==> flow/design.v <==
module gen_muxn (ck, i_rst, i_d_0, i_d_1, i_d_2, i_d_3, i_d_4, i_d_5, i_d_6, i_d_7, i_d_8, i_d_9, i_sel, o_dout);
   parameter DATA_WIDTH = 8;
   input ck;
   input i_rst;
   input [DATA_WIDTH-1:0] i_d_0;
   input [DATA_WIDTH-1:0] i_d_1;
   input [DATA_WIDTH-1:0] i_d_2;
   input [DATA_WIDTH-1:0] i_d_3;
   input [DATA_WIDTH-1:0] i_d_4;
   input [DATA_WIDTH-1:0] i_d_5;
   input [DATA_WIDTH-1:0] i_d_6;
   input [DATA_WIDTH-1:0] i_d_7;
   input [DATA_WIDTH-1:0] i_d_8;
   input [DATA_WIDTH-1:0] i_d_9;
   input [3:0] i_sel;
   output [DATA_WIDTH-1:0] o_dout;
   reg [DATA_WIDTH-1:0] d_0_ff;
   reg [DATA_WIDTH-1:0] d_1_ff;
   reg [DATA_WIDTH-1:0] d_2_ff;
   reg [DATA_WIDTH-1:0] d_3_ff;
   reg [DATA_WIDTH-1:0] d_4_ff;
   reg [DATA_WIDTH-1:0] d_5_ff;
   reg [DATA_WIDTH-1:0] d_6_ff;
   reg [DATA_WIDTH-1:0] d_7_ff;
   reg [DATA_WIDTH-1:0] d_8_ff;
   reg [DATA_WIDTH-1:0] d_9_ff;
   reg [3:0] sel_ff;
   always @(posedge ck) begin
      if (i_rst) begin
         d_0_ff <= 0;
         d_1_ff <= 0;
         d_2_ff <= 0;
         d_3_ff <= 0;
         d_4_ff <= 0;
         d_5_ff <= 0;
         d_6_ff <= 0;
         d_7_ff <= 0;
         d_8_ff <= 0;
         d_9_ff <= 0;
         sel_ff <= 0;
      end else begin
         d_0_ff <= i_d_0;
         d_1_ff <= i_d_1;
         d_2_ff <= i_d_2;
         d_3_ff <= i_d_3;
         d_4_ff <= i_d_4;
         d_5_ff <= i_d_5;
         d_6_ff <= i_d_6;
         d_7_ff <= i_d_7;
         d_8_ff <= i_d_8;
         d_9_ff <= i_d_9;
         sel_ff <= i_sel;
      end
   end
   reg [DATA_WIDTH-1:0] work;
   always @(*) begin
      if (sel_ff == 0) work = d_0_ff;
      else if (sel_ff == 1) work = d_1_ff;
      else if (sel_ff == 2) work = d_2_ff;
      else if (sel_ff == 3) work = d_3_ff;
      else if (sel_ff == 4) work = d_4_ff;
      else if (sel_ff == 5) work = d_5_ff;
      else if (sel_ff == 6) work = d_6_ff;
      else if (sel_ff == 7) work = d_7_ff;
      else if (sel_ff == 8) work = d_8_ff;
      else work = d_9_ff;
   end
   assign o_dout = work;
endmodule
## Tool chain data of gen_muxn

The steps from the RTL of gen_muxn to its reports follow in flow order.
Line numbers count from 1 in the design file above.
The mark - stands for no value.

| inputs | value |
|---|---|
| design top | gen_muxn |
| clock | ck |
| cell library | sky130hd |
| library corner | tt_025C_1v80 |

## After elaboration

Counts by Yosys on the flattened word-level netlist (proc, flatten, opt, wreduce; memories kept). Register bits leave out memories and registers merged into their read ports (data or address); mux counts leave out enables and synchronous resets folded into registers. Print and check cells are left out. Cells with the same type and inputs are merged into one.

| word-level totals | value |
|---|---|
| bits in registers | 84 |
| output and inout bits | 8 |
| cells after elaboration | 29 |

| operators by class | value |
|---|---|
| multiplexer cells | 9 |
| reductions and logical operators | 1 |
| equality and inequality tests | 8 |

Operators by type and width:

| operator | count |
|---|---|
| two-way mux 8 bit | 9 |
| equality test 4 x 3 -> 1 bit with constant B | 4 |
| equality test 4 x 2 -> 1 bit with constant B | 2 |
| equality test 4 x 1 -> 1 bit with constant B | 1 |
| equality test 4 bit with constant B | 1 |
| zero test 4 bit | 1 |

## Depth

Depth = most cells in a row (Yosys ltp): at word level without a register or memory, in the mapped netlist without a sequential cell, where the memories' decode and read muxes count.

| depth | value |
|---|---|
| depth after elaboration | 10 |
| ABC_AREA | 0 |
| mapped depth | 7 |

## Mapped cells and area

The flow's flattened synthesis, as Yosys stat reports it; memories are mapped. The netlist is that of the ABC_AREA named above (0 if unset); the other value can give another one.
Totals and module areas in this step are rounded.

Cell types:

| cell type | count |
|---|---|
| sky130_fd_sc_hd__dfxtp_1 | 84 |
| sky130_fd_sc_hd__nor2b_1 | 92 |
| sky130_fd_sc_hd__a22oi_1 | 14 |
| sky130_fd_sc_hd__mux4_2 | 4 |
| sky130_fd_sc_hd__a21oi_1 | 17 |
| sky130_fd_sc_hd__nand2b_1 | 11 |
| sky130_fd_sc_hd__o21ai_0 | 13 |
| sky130_fd_sc_hd__mux2i_1 | 6 |
| sky130_fd_sc_hd__o22ai_1 | 9 |
| sky130_fd_sc_hd__nand2_1 | 14 |
| sky130_fd_sc_hd__buf_2 | 9 |
| sky130_fd_sc_hd__buf_6 | 4 |
| sky130_fd_sc_hd__clkbuf_1 | 11 |
| sky130_fd_sc_hd__o21ai_1 | 8 |
| sky130_fd_sc_hd__nor3_1 | 7 |
| sky130_fd_sc_hd__mux2_2 | 3 |
| sky130_fd_sc_hd__a22o_1 | 3 |
| sky130_fd_sc_hd__nand3_1 | 5 |

Not listed: further types 22, cells in them 36.

| synthesis totals | value |
|---|---|
| sequential part of the area | 0.001682 sq mm |
| buffer cells | 25 |
| flip-flop cells | 84 |
| cell area after synthesis | 0.003411 sq mm |
| cells in the netlist | 350 |

## Path before layout

Path of least setup slack by OpenSTA after synthesis, without wires, with an ideal clock, recovery checks aside; 20% of the period is set as input and as output delay. Where synthesis merged equal registers, the netlist keeps one of their names.

| path post-synthesis | value |
|---|---|
| path kind | register -> output |
| start | reg sel_ff[0] |
| end | out o_dout[6] |
| slack | 0.349 ns |
| path delay | 1.411 ns |
| driving pins on the path | 8 |
| output delay | 0.440 ns |
| data arrival time | 1.411 ns |
| clock period | 2.2 ns |
| period reached after synthesis | 1.851 ns |

"path delay" is the arrival time less input delay plus setup time.
At an output port there is no setup time.
"driving pins on the path" counts driving pins, that of a launching flip-flop among them; a cell with two outputs on the path counts twice.
"period reached after synthesis" is the clock period less the worst setup slack; recovery checks do not enter. This is arithmetic on one report: input and output delays are still those of the set period (20% each).
The rows between start and end are the longest chain of elaborated cells between them; the timing report does not say that the signal goes this way. Where chains are equally long, one stands for them.
A line is the first line of the expression or statement that the cell stems from. Yosys adds cells for indexed reads and writes and turns some case tables into memories.

| between the ends, post-synthesis | value |
|---|---|
| cells stage by stage | sky130_fd_sc_hd__dfxtp_1 sky130_fd_sc_hd__buf_6 sky130_fd_sc_hd__buf_6 sky130_fd_sc_hd__nor4b_4 sky130_fd_sc_hd__a22oi_1 sky130_fd_sc_hd__a22oi_1 sky130_fd_sc_hd__o22ai_1 sky130_fd_sc_hd__a22oi_1 |
| length of the longest elaborated chain | 10 |
| elaborated cells on any way between the ends | 18 |

RTL lines, path post-synthesis:

| what | RTL line | source |
|---|---|---|
| start, declared | 27 | `reg [3:0] sel_ff;` |
| start, assigned | 40 | `sel_ff <= 0;` |
| start, assigned | 52 | `sel_ff <= i_sel;` |
| equality test 4 bit | 65 | `else if (sel_ff == 8) work = d_8_ff;` |
| two-way mux 8 bit | 65 |  |
| two-way mux 8 bit | 64 | `else if (sel_ff == 7) work = d_7_ff;` |
| two-way mux 8 bit | 63 | `else if (sel_ff == 6) work = d_6_ff;` |
| two-way mux 8 bit | 62 | `else if (sel_ff == 5) work = d_5_ff;` |
| two-way mux 8 bit | 61 | `else if (sel_ff == 4) work = d_4_ff;` |
| two-way mux 8 bit | 60 | `else if (sel_ff == 3) work = d_3_ff;` |
| two-way mux 8 bit | 59 | `else if (sel_ff == 2) work = d_2_ff;` |
| two-way mux 8 bit | 58 | `else if (sel_ff == 1) work = d_1_ff;` |
| two-way mux 8 bit | 57 | `if (sel_ff == 0) work = d_0_ff;` |
| end, declared | 16 | `output [DATA_WIDTH-1:0] o_dout;` |

## Worst path after layout

From the final timing report of entry A: the path of least setup slack in the routed layout; clock arrival at registers is part of the times.

| path post-layout | value |
|---|---|
| path kind | register -> output |
| start | reg sel_ff[0] |
| end | out o_dout[0] |
| data arrival time | 1.99 ns |
| slack | -0.72 ns |
| driving pins on the path | 8 |
| output delay | 0.32 ns |
| clock period | 1.59 ns |

The rows between start and end are the longest chain of elaborated cells between them; the timing report does not say that the signal goes this way. Where chains are equally long, one stands for them.

| between the ends, post-layout | value |
|---|---|
| cells stage by stage | sky130_fd_sc_hd__dfxtp_4 sky130_fd_sc_hd__or2_4 sky130_fd_sc_hd__buf_6 sky130_fd_sc_hd__o32ai_4 sky130_fd_sc_hd__o21a_1 sky130_fd_sc_hd__o22ai_2 sky130_fd_sc_hd__a22o_1 sky130_fd_sc_hd__buf_2 |
| length of the longest elaborated chain | 10 |
| elaborated cells on any way between the ends | 18 |

RTL lines, path post-layout:

| what | RTL line | source |
|---|---|---|
| start, declared | 27 | `reg [3:0] sel_ff;` |
| start, assigned | 40 | `sel_ff <= 0;` |
| start, assigned | 52 | `sel_ff <= i_sel;` |
| equality test 4 bit | 65 | `else if (sel_ff == 8) work = d_8_ff;` |
| two-way mux 8 bit | 65 |  |
| two-way mux 8 bit | 64 | `else if (sel_ff == 7) work = d_7_ff;` |
| two-way mux 8 bit | 63 | `else if (sel_ff == 6) work = d_6_ff;` |
| two-way mux 8 bit | 62 | `else if (sel_ff == 5) work = d_5_ff;` |
| two-way mux 8 bit | 61 | `else if (sel_ff == 4) work = d_4_ff;` |
| two-way mux 8 bit | 60 | `else if (sel_ff == 3) work = d_3_ff;` |
| two-way mux 8 bit | 59 | `else if (sel_ff == 2) work = d_2_ff;` |
| two-way mux 8 bit | 58 | `else if (sel_ff == 1) work = d_1_ff;` |
| two-way mux 8 bit | 57 | `if (sel_ff == 0) work = d_0_ff;` |
| end, declared | 16 | `output [DATA_WIDTH-1:0] o_dout;` |

Ticket comment

Module gen_muxn, platform sky130hd: 3 stored runs of the flow (Yosys, OpenROAD) with differing settings, in no particular order. Input and output delays are each 20% of the period that was set; the output load is 0.01 pF.
"allowed time less slack (worst setup path)" = time allowed to the worst setup path (clock period - input delay - output delay, where it has them) - its slack; a late launch clock adds to it, a late capture clock takes from it.
Results are given in rounded form.

#### Entry A

| setting | value |
|---|---|
| period_ns | `1.59` |
| CORE_UTILIZATION | `56` |
| SETUP_SLACK_MARGIN | `0.11` |
| PLACE_DENSITY_LB_ADDON | `0.05` |
| CORE_MARGIN | `6` |
| GPL_TIMING_DRIVEN | `1` |
| CTS_CLUSTER_DIAMETER | `140` |
| CAP_MARGIN | `35` |
| MAX_ROUTING_LAYER | `met4` |
| SLEW_MARGIN | `20` |

| result | value |
|---|---|
| smallest hold slack | 0.429 ns |
| allowed time less slack (worst setup path) | 1.99 ns |
| critical path type | register -> output |
| area of the die | 0.008107 sq mm |
| post-synthesis cell area | 0.003411 sq mm |
| setup slack of the worst path | -0.715 ns |
| standard-cell area of the final layout | 0.005107 sq mm |

#### Entry B

| setting | value |
|---|---|
| period_ns | `2.2` |
| CAP_MARGIN | `20` |
| CORE_MARGIN | `2` |
| CORE_UTILIZATION | `40` |
| SLEW_MARGIN | `20` |

| result | value |
|---|---|
| smallest hold slack | 0.553 ns |
| allowed time less slack (worst setup path) | 1.93 ns |
| critical path type | register -> output |
| area of the die | 0.009281 sq mm |
| post-synthesis cell area | 0.003411 sq mm |
| setup slack of the worst path | -0.171 ns |
| standard-cell area of the final layout | 0.005092 sq mm |

#### Entry C

| setting | value |
|---|---|
| period_ns | `1.4` |
| CORE_UTILIZATION | `67` |
| SETUP_SLACK_MARGIN | `0.14` |
| PLACE_DENSITY_LB_ADDON | `0.11` |
| CELL_PAD_IN_SITES_DETAIL_PLACEMENT | `0` |
| GPL_TIMING_DRIVEN | `0` |
| CTS_CLUSTER_SIZE | `94` |
| CTS_CLUSTER_DIAMETER | `374` |
| CAP_MARGIN | `20` |
| CORE_MARGIN | `2` |
| SLEW_MARGIN | `20` |

No results, placement failed with FLW-0024.
